==> flow/design.v <==
module core_plus_blk #(
  parameter integer WIDTH = 10,
  parameter integer COUNT = 4,
  parameter integer OW = WIDTH + $clog2(COUNT)
) (
  input  wire clk,
  input  wire nrst,
  input  wire enable,
  input  wire [COUNT*WIDTH-1:0] src,
  output wire [OW-1:0] s
);
  reg [COUNT*WIDTH-1:0] r_src;
  always @(posedge clk or negedge nrst) begin
    if (!nrst) begin
      r_src <= 0;
    end else if (enable) begin
      r_src <= src;
    end
  end
  wire [OW-1:0] n_ [1:2*COUNT-1];
  genvar k;
  generate
    for (k = 0; k < COUNT; k = k + 1) begin : u_g
      assign n_[COUNT+k] = r_src[k*WIDTH +: WIDTH];
    end
    for (k = 1; k < COUNT; k = k + 1) begin : slice
      assign n_[k] = n_[2*k] + n_[2*k+1];
    end
  endgenerate
  assign s = n_[1];
endmodule
# --- From RTL to reports: core_plus_blk ---
# Tool output for the design above, in the order of the flow.
# Lines are those of the file above, counted from 1.
# Cell names lack the library's common part.
design:
  top: "core_plus_blk"
  clock_port: "clk"
  library: "sky130hd"
  lib_corner: "tt_025C_1v80"

# --- After elaboration ---
# Yosys after proc, flatten, opt, wreduce and memory -nomap, before mapping. Enables and synchronous resets that opt folds into registers are not counted as muxes. Print and check cells are not counted. Equal cells are merged and count once.
bits:
  ff_bits: 40
  input_bits: 43
  output_inout_bits: 12
  elab_cells: 4
op_classes:
  addsub: 3
ops:
  columns: ["cell", "n"]
  rows:
  - ["adder 10 x 10 -> 11 bit", 2]
  - ["adder 12 bit", 1]

# --- Logic depth ---
# Depth = most cells in a row (Yosys ltp): at word level without a register or memory, in the mapped netlist without a sequential cell, where the memories' decode and read muxes count.
logic_depth:
  depth_word: 2
  ABC_AREA: 0
  mapped_depth: 12
  ltp_nobuf: 11

# --- After synthesis ---
# Source: synth_stat.txt of the flow (Yosys; design flattened, memories mapped). It holds for the ABC_AREA given above (unset counts as 0); a run with the other value may have another netlist.
# Totals and module areas in this step are rounded.
types:
  columns: ["cell", "n", "area_total_um2"]
  rows:
  - ["dfrtp_1", 40, 1000.96]
  - ["mux2_2", 40, 450.432]
  - ["ha_1", 31, 387.872]
  - ["xnor2_1", 14, 122.618]
  - ["a21o_1", 11, 82.579]
  - ["a21oi_1", 13, 65.062]
  - ["fa_1", 3, 60.058]
  - ["xor2_1", 6, 52.55]
  - ["nor2_1", 13, 48.797]
  - ["inv_1", 12, 45.043]
  - ["o211ai_1", 6, 45.043]
  - ["o21ai_0", 8, 40.038]
  - ["a211oi_1", 5, 37.536]
  - ["o2111ai_1", 4, 35.034]
  - ["nand2_1", 8, 30.029]
  - ["nand3_1", 6, 30.029]
  - ["buf_2", 5, 25.024]
  - ["nand2b_1", 4, 25.024]
# Other cell types: 27; their cells: 42.
synth_totals:
  stdcells: 271
  area_mm2: 0.0029
  flip_flops: 40
  buffers: 7

# --- Timing after synthesis ---
# Path of least setup slack by OpenSTA after synthesis, without wires, with an ideal clock, recovery checks aside; 20% of the period is set as input and as output delay. Where synthesis merged equal registers, the netlist keeps one of their names.
synth_path:
  path_type: "register to output"
  from: "register r_src[20]"
  to: "output s[11]"
  period_ps: 4280
  out_delay_ps: 856
  launch_ps: 0
  arrival_time_ps: 2737
  path_slack_ps: 687
  path_delay_ps: 2737
  path_stages: 13
  path_buffers: 1
  synth_period_reached_ps: 3593
# "path_delay_ps" = arrival - input delay + setup time.
# At an output port there is no setup time.
# "path_stages": output pins that drive a net of the path, with the launching flip-flop's if there is one; two outputs of one cell count as two.
# "synth_period_reached_ps" = period - worst setup slack (recovery checks aside). The figure is calculated, with input and output delays left at 20% of the set period.
# Between the ends stands the longest chain of elaborated cells between them, by number of cells; it is not shown to be the way that was timed. Of several equally long chains one is given.
# Each line given opens the expression or statement behind the cell; cells for indexed reads and writes are added by Yosys, which also makes memories of some case tables.
synth_between:
  path_cell_list: "dfrtp_1 > ha_1 > fa_1 > a21o_1 > a21oi_2 > o221ai_1 > xor2_1 > ha_1 > buf_2 > a21o_1 > a21o_1 > a211oi_1 > o31ai_1"
  elab_chain_len: 2
  cone_cells: 2
synth_rtl:
  columns: ["item", "line", "rtl"]
  rows:
  - ["start: declaration", 12, "reg [COUNT*WIDTH-1:0] r_src;"]
  - ["start: assignment", 15, "r_src <= 0;"]
  - ["start: assignment", 17, "r_src <= src;"]
  - ["adder 10 x 10 -> 11 bit", 27, "assign n_[k] = n_[2*k] + n_[2*k+1];"]
  - ["adder 12 bit", 27, null]
  - ["end: declaration", 10, "output wire [OW-1:0] s"]

# --- Worst path after layout ---
# Path of least setup slack in the final report of run A (OpenROAD, finished layout, wires in). Where an end is a register, its clock arrival counts in the times.
# The path's times are printed in steps of 10 ps; the period is the one set.
layout_path:
  path_type: "register to output"
  from: "register r_src[30]"
  to: "output s[10]"
  period_ps: 3030
  out_delay_ps: 610
  launch_ps: 280
  arrival_time_ps: 3160
  path_slack_ps: -740
  path_stages: 14
  path_buffers: 2
# Between the ends stands the longest chain of elaborated cells between them, by number of cells; it is not shown to be the way that was timed. Of several equally long chains one is given.
layout_between:
  path_cell_list: "dfrtp_1 > ha_2 > fa_2 > a21o_1 > a21oi_4 > or4b_1 > o2111ai_2 > ha_4 > buf_6 > a21o_1 > a21oi_2 > o221ai_1 > a211o_1 > buf_6"
  elab_chain_len: 2
  cone_cells: 2
layout_rtl:
  columns: ["item", "line", "rtl"]
  rows:
  - ["start: declaration", 12, "reg [COUNT*WIDTH-1:0] r_src;"]
  - ["start: assignment", 15, "r_src <= 0;"]
  - ["start: assignment", 17, "r_src <= src;"]
  - ["adder 10 x 10 -> 11 bit", 27, "assign n_[k] = n_[2*k] + n_[2*k+1];"]
  - ["adder 12 bit", 27, null]
  - ["end: declaration", 10, "output wire [OW-1:0] s"]

# Top module core_plus_blk; platform sky130hd; tools Yosys and OpenROAD; 3 stored runs in no particular order. Input and output delays are each 20% of the period that was set; the output load is 0.01 pF.
# "timing.achieved_period_ps" is the run's clock period less its worst setup slack. It is reckoned from that one timing run; input and output delays stay at 20% of the period that was set.
# By "worst_path_time_ps" is meant the share of the clock period that the worst setup path is allowed (20% is reserved at inputs, 20% at outputs), minus its slack. Clock arrival times at its registers enter into it.
# "fin_power_mw": no workload was simulated; the value follows from the tool's default switching activity.
# "worst_path_time_ps" is given in steps of 10 ps.
# Results are given in rounded form.
runs:
  - name: "run A"
    settings:
      period_ns: 3.03
      CORE_UTILIZATION: 18
      SETUP_SLACK_MARGIN: 0.45
      PLACE_DENSITY_LB_ADDON: 0.21
      CORE_ASPECT_RATIO: 0.61
      CORE_MARGIN: 10
      ABC_AREA: 0
      GPL_ROUTABILITY_DRIVEN: 1
      CTS_CLUSTER_SIZE: 44
      CTS_CLUSTER_DIAMETER: 383
      MIN_ROUTING_LAYER: "met2"
      CAP_MARGIN: 20
      SLEW_MARGIN: 20
    results:
      yosys_chip_area_mm2: 0.0029
      die_footprint_mm2: 0.022
      layout_stdcell_area_mm2: 0.0047
      final_util_pct: 30
      final_setup_ws_ps: -740
      total_negative_slack_ps: -4400
      fin_power_mw: 4.1
      timing.achieved_period_ps: 3769
      worst_path_time_ps: 3160
      path_kind: "register to output"
  - name: "run B"
    settings:
      period_ns: 3.68
      CORE_UTILIZATION: 20
      SETUP_SLACK_MARGIN: -0.0
      PLACE_DENSITY: 0.85
      CELL_PAD_IN_SITES_DETAIL_PLACEMENT: 0
      CTS_CLUSTER_DIAMETER: 281
      CAP_MARGIN: 30
      SLEW_MARGIN: 40
      CORE_MARGIN: 2
    results:
      yosys_chip_area_mm2: 0.0029
      die_footprint_mm2: 0.015
      layout_stdcell_area_mm2: 0.0044
      final_util_pct: 32
      final_setup_ws_ps: -310
      total_negative_slack_ps: -1300
      fin_power_mw: 3.3
      timing.achieved_period_ps: 3988
      worst_path_time_ps: 3250
      path_kind: "register to output"
  - name: "run C"
    settings:
      period_ns: 4.28
      CAP_MARGIN: 20
      CORE_MARGIN: 2
      CORE_UTILIZATION: 40
      SLEW_MARGIN: 20
    results:
      yosys_chip_area_mm2: 0.0029
      die_footprint_mm2: 0.0079
      layout_stdcell_area_mm2: 0.0037
      final_util_pct: 52
      final_setup_ws_ps: 160
      total_negative_slack_ps: 0
      fin_power_mw: 2.1
      timing.achieved_period_ps: 4118
      worst_path_time_ps: 3260
      path_kind: "register to output"
